==> flow/design.v <==
module cmp_unit_stage #(
   parameter WD = 10
) (
   input wire ck,
   input wire nrst,
   input wire [WD-1:0] i_x,
   input wire [WD-1:0] i_y,
   output reg [WD-1:0] o_low,
   output reg [WD-1:0] o_high
);
   reg [WD-1:0] x_reg;
   always @(posedge ck or negedge nrst) begin
      if (!nrst) begin
         x_reg <= 0;
      end else begin
         x_reg <= i_x;
      end
   end
   reg [WD-1:0] y_reg;
   always @(posedge ck or negedge nrst) begin
      if (!nrst) begin
         y_reg <= 0;
      end else begin
         y_reg <= i_y;
      end
   end
   reg r_reg;
   always @(posedge ck or negedge nrst) begin
      if (!nrst) begin
         r_reg <= 1'b0;
      end else begin
         r_reg <= (x_reg < y_reg);
      end
   end
   reg [WD-1:0] x_reg_d;
   always @(posedge ck or negedge nrst) begin
      if (!nrst) begin
         x_reg_d <= 0;
      end else begin
         x_reg_d <= x_reg;
      end
   end
   reg [WD-1:0] y_reg_d;
   always @(posedge ck or negedge nrst) begin
      if (!nrst) begin
         y_reg_d <= 0;
      end else begin
         y_reg_d <= y_reg;
      end
   end
   always @(posedge ck or negedge nrst) begin
      if (!nrst) begin
         o_low <= 0;
      end else begin
         o_low <= r_reg ? x_reg_d : y_reg_d;
      end
   end
   always @(posedge ck or negedge nrst) begin
      if (!nrst) begin
         o_high <= 0;
      end else begin
         o_high <= r_reg ? y_reg_d : x_reg_d;
      end
   end
endmodule
* Step by step through the tools: cmp_unit_stage *
The steps from the RTL of cmp_unit_stage to its reports follow in flow order.
Lines are those of the file above, counted from 1.
Operators: Yosys type, input widths -> output width; for muxes data width and select width s.
Library cell names are shortened.
The mark n/a stands for no value.

design
  design top = cmp_unit_stage
  clock = ck
  library = sky130hd
  library corner = tt_025C_1v80

* After elaboration *
Source: Yosys, flattened and elaborated, memories not mapped. Widths are those after wreduce; folded enables and synchronous resets count as part of the registers. Registers that Yosys merges into a memory's read port (data or address) are not register bits. Print and check cells do not count. Equal cells are merged and count once.

word-level totals
  bits of input ports = 22
  register bits = 61
  cells after elaboration = 10
  output and inout port bits = 20

operators by class
  $lt $le $gt $ge = 1
  multiplexer cells = 2

operator list
  kind          number
  $mux 10       2
  $lt 10x10->1  1

* Depth *
Longest topological path by Yosys (ltp), each cell counted once; first at word level (registers and memories cut), then after technology mapping (sequential cells cut; the memories' decode and read muxes count).

depth
  depth in word-level cells = 1
  ABC_AREA = 0
  depth in mapped cells = 6
  gate-level depth less buffers = 6

* Mapped cells and area *
Source: synth_stat.txt of the flow (Yosys; design flattened, memories mapped). It holds for the ABC_AREA given above (unset counts as 0); a run with the other value may have another netlist.

cell types
  cell type  number  total area (µm²)
  dfrtp_1    61      1.53E+03
  mux2_2     20      225.216
  ha_1       9       112.608
  inv_1      9       33.782
  a21oi_1    4       20.019
  nand2b_4   1       13.763
  a211oi_2   1       12.512
  nand2_1    3       11.261
  buf_2      2       10.01
  a41oi_1    1       8.758
  o2bb2ai_1  1       8.758
  nand3_1    1       5.005
  o21ai_0    1       5.005
  nor2_1     1       3.754

synthesis totals
  buffers = 2
  sequential part of the area = 1526.5 µm²
  mapped flip-flops = 61
  mapped cells = 115
  synthesis area = 1996.9 µm²

* Timing after synthesis *
Path of least setup slack by OpenSTA after synthesis, without wires, with an ideal clock, recovery checks aside; 20% of the period is set as input and as output delay. Where synthesis merged equal registers, the netlist keeps one of their names.

path post-synthesis
  kind = register to register
  start = register x_reg[4]
  end = register r_reg
  period = 1.46 ns
  path delay = 1.167 ns
  buffers on the path = 0
  setup slack = 0.292 ns
  arrival time = 1.090 ns
  time at the first pin = 0.000 ns
  required time = 1.383 ns
  stages on the path = 6
  setup time = 0.077 ns
  synthesis period reached = 1.168 ns

"path delay" = arrival - input delay + setup time.
"stages on the path": output pins that drive a net of the path, with the launching flip-flop's if there is one; two outputs of one cell count as two.
"synthesis period reached" is the clock period less the worst setup slack; recovery checks do not enter. This is arithmetic on one report: input and output delays are still those of the set period (20% each).
The rows between start and end are the longest chain of elaborated cells between them; the timing report does not say that the signal goes this way. Where chains are equally long, one stands for them.
A line is the first line of the expression or statement that the cell stems from. Yosys adds cells for indexed reads and writes and turns some case tables into memories.

on the way, post-synthesis
  cell sequence = dfrtp_1 > ha_1 > a21oi_1 > nand2_1 > o2bb2ai_1 > a21oi_1
  cells in the longest elaborated chain = 1
  elaborated cells on any way between the ends = 1
  source lines of those cells = 1
  those cells by class = compare: 1

ends and longest elaborated chain, post-synthesis
  item                line  RTL
  start: declaration  11    reg [WD-1:0] x_reg;
  start: assignment   14    x_reg <= 0;
  start: assignment   16    x_reg <= i_x;
  $lt 10x10->1        32    r_reg <= (x_reg < y_reg);
  end: assignment     30    r_reg <= 1'b0;
  end: assignment     32
  end: declaration    27    reg r_reg;

* Worst path after layout *
From the final timing report of job 1: the path of least setup slack in the routed layout; clock arrival at registers is part of the times.

path after layout
  kind = register to register
  start = register x_reg[1]
  end = register r_reg
  stages on the path = 5
  time at the first pin = 0.32 ns
  buffers on the path = 0
  setup time = 0.08 ns
  period = 1.49 ns
  setup slack = 0.31 ns
  required time = 1.74 ns
  arrival time = 1.42 ns

The rows between start and end are the longest chain of elaborated cells between them; the timing report does not say that the signal goes this way. Where chains are equally long, one stands for them.

on the way, after layout
  cell sequence = dfrtp_1 > ha_1 > a211oi_2 > o2bb2ai_2 > a21oi_1
  cells in the longest elaborated chain = 1
  elaborated cells on any way between the ends = 1
  source lines of those cells = 1
  those cells by class = compare: 1

ends and longest elaborated chain, after layout
  item                line  RTL
  start: declaration  11    reg [WD-1:0] x_reg;
  start: assignment   14    x_reg <= 0;
  start: assignment   16    x_reg <= i_x;
  $lt 10x10->1        32    r_reg <= (x_reg < y_reg);
  end: assignment     30    r_reg <= 1'b0;
  end: assignment     32
  end: declaration    27    reg r_reg;

Settings and measured results of 3 stored flow runs for module cmp_unit_stage (sky130hd), not sorted in any way. The constraints put input and output delay at 20% of the set period each and load the outputs with 0.01 pF.
"worst setup path time": the worst setup path's part of the clock period (all of it between registers, 20% less for each end at a port) less its slack. A launch clock that arrives late makes it longer, a capture clock that arrives late makes it shorter.
"power" is the tool's figure for a default switching activity; nothing was simulated.

Job 1
==> flow/run.sh <==
#!/bin/bash
# the make line also repeats the synthesis and layout settings of config.mk as NAME=value (left out here)
make -C /OpenROAD-flow-scripts/flow DESIGN_CONFIG=/design/flow/config.mk WORK_HOME=/design/flow/orfs CLKGATE_MAP_FILE= finish
==> flow/config.mk <==
export PLATFORM = sky130hd
export DESIGN_NAME = cmp_unit_stage
export DESIGN_NICKNAME = cmp_unit_stage
export VERILOG_FILES = /design/flow/design.v
export SDC_FILE = /design/flow/constraint.sdc
export NUM_CORES = 4
export LEC_CHECK = 0
export CAP_MARGIN = 20
export CELL_PAD_IN_SITES_GLOBAL_PLACEMENT = 2
export CORE_ASPECT_RATIO = 0.87
export CORE_MARGIN = 2
export CORE_UTILIZATION = 18
export CTS_CLUSTER_DIAMETER = 234
export GPL_ROUTABILITY_DRIVEN = 1
export GPL_TIMING_DRIVEN = 1
export SETUP_SLACK_MARGIN = 0.41
export SLEW_MARGIN = 35
==> flow/constraint.sdc <==
create_clock -name core_clock -period 1.49 [get_ports {ck}]
set_input_delay 0.2980 -clock core_clock [delete_from_list [all_inputs] [get_ports {ck}]]
set_output_delay 0.2980 -clock core_clock [all_outputs]
set_load 0.01 [all_outputs]

==> results of job 1 <==
chip area after synthesis (Yosys): 1996.9 µm²
die area: 11955.0 µm²
standard-cell area of the final layout: 2926.6 µm²
utilization: 27.4 %
worst setup slack after layout: 0.313 ns
total negative slack: 0.000 ns
worst hold slack: 0.374 ns
power: 0.004367 W
worst setup path time: 1.18 ns
worst setup path kind: register to register

Job 2
==> flow/run.sh <==
#!/bin/bash
# the make line also repeats the synthesis and layout settings of config.mk as NAME=value (left out here)
make -C /OpenROAD-flow-scripts/flow DESIGN_CONFIG=/design/flow/config.mk WORK_HOME=/design/flow/orfs CLKGATE_MAP_FILE= finish
==> flow/config.mk <==
export PLATFORM = sky130hd
export DESIGN_NAME = cmp_unit_stage
export DESIGN_NICKNAME = cmp_unit_stage
export VERILOG_FILES = /design/flow/design.v
export SDC_FILE = /design/flow/constraint.sdc
export NUM_CORES = 4
export LEC_CHECK = 0
export CAP_MARGIN = 20
export CORE_MARGIN = 2
export CORE_UTILIZATION = 40
export SLEW_MARGIN = 20
==> flow/constraint.sdc <==
create_clock -name core_clock -period 1.46 [get_ports {ck}]
set_input_delay 0.2920 -clock core_clock [delete_from_list [all_inputs] [get_ports {ck}]]
set_output_delay 0.2920 -clock core_clock [all_outputs]
set_load 0.01 [all_outputs]

==> results of job 2 <==
chip area after synthesis (Yosys): 1996.9 µm²
die area: 5573.4 µm²
standard-cell area of the final layout: 2667.6 µm²
utilization: 56.1 %
worst setup slack after layout: 0.128 ns
total negative slack: 0.000 ns
worst hold slack: 0.373 ns
power: 0.003521 W
worst setup path time: 1.33 ns
worst setup path kind: register to register

Job 3
==> flow/run.sh <==
#!/bin/bash
# the make line also repeats the synthesis and layout settings of config.mk as NAME=value (left out here)
make -C /OpenROAD-flow-scripts/flow DESIGN_CONFIG=/design/flow/config.mk WORK_HOME=/design/flow/orfs CLKGATE_MAP_FILE= finish
==> flow/config.mk <==
export PLATFORM = sky130hd
export DESIGN_NAME = cmp_unit_stage
export DESIGN_NICKNAME = cmp_unit_stage
export VERILOG_FILES = /design/flow/design.v
export SDC_FILE = /design/flow/constraint.sdc
export NUM_CORES = 4
export LEC_CHECK = 0
export ABC_AREA = 1
export CAP_MARGIN = 20
export CELL_PAD_IN_SITES_DETAIL_PLACEMENT = 1
export CORE_ASPECT_RATIO = 1.97
export CORE_MARGIN = 9
export CORE_UTILIZATION = 69
export CTS_CLUSTER_DIAMETER = 187
export GPL_ROUTABILITY_DRIVEN = 1
export GPL_TIMING_DRIVEN = 1
export HOLD_SLACK_MARGIN = 0.13
export MIN_ROUTING_LAYER = met2
export PLACE_DENSITY = 0.77
export SLEW_MARGIN = 20
==> flow/constraint.sdc <==
create_clock -name core_clock -period 1.18 [get_ports {ck}]
set_input_delay 0.2360 -clock core_clock [delete_from_list [all_inputs] [get_ports {ck}]]
set_output_delay 0.2360 -clock core_clock [all_outputs]
set_load 0.01 [all_outputs]

==> results of job 3 <==
did not finish, placement stopped with DPL-0033
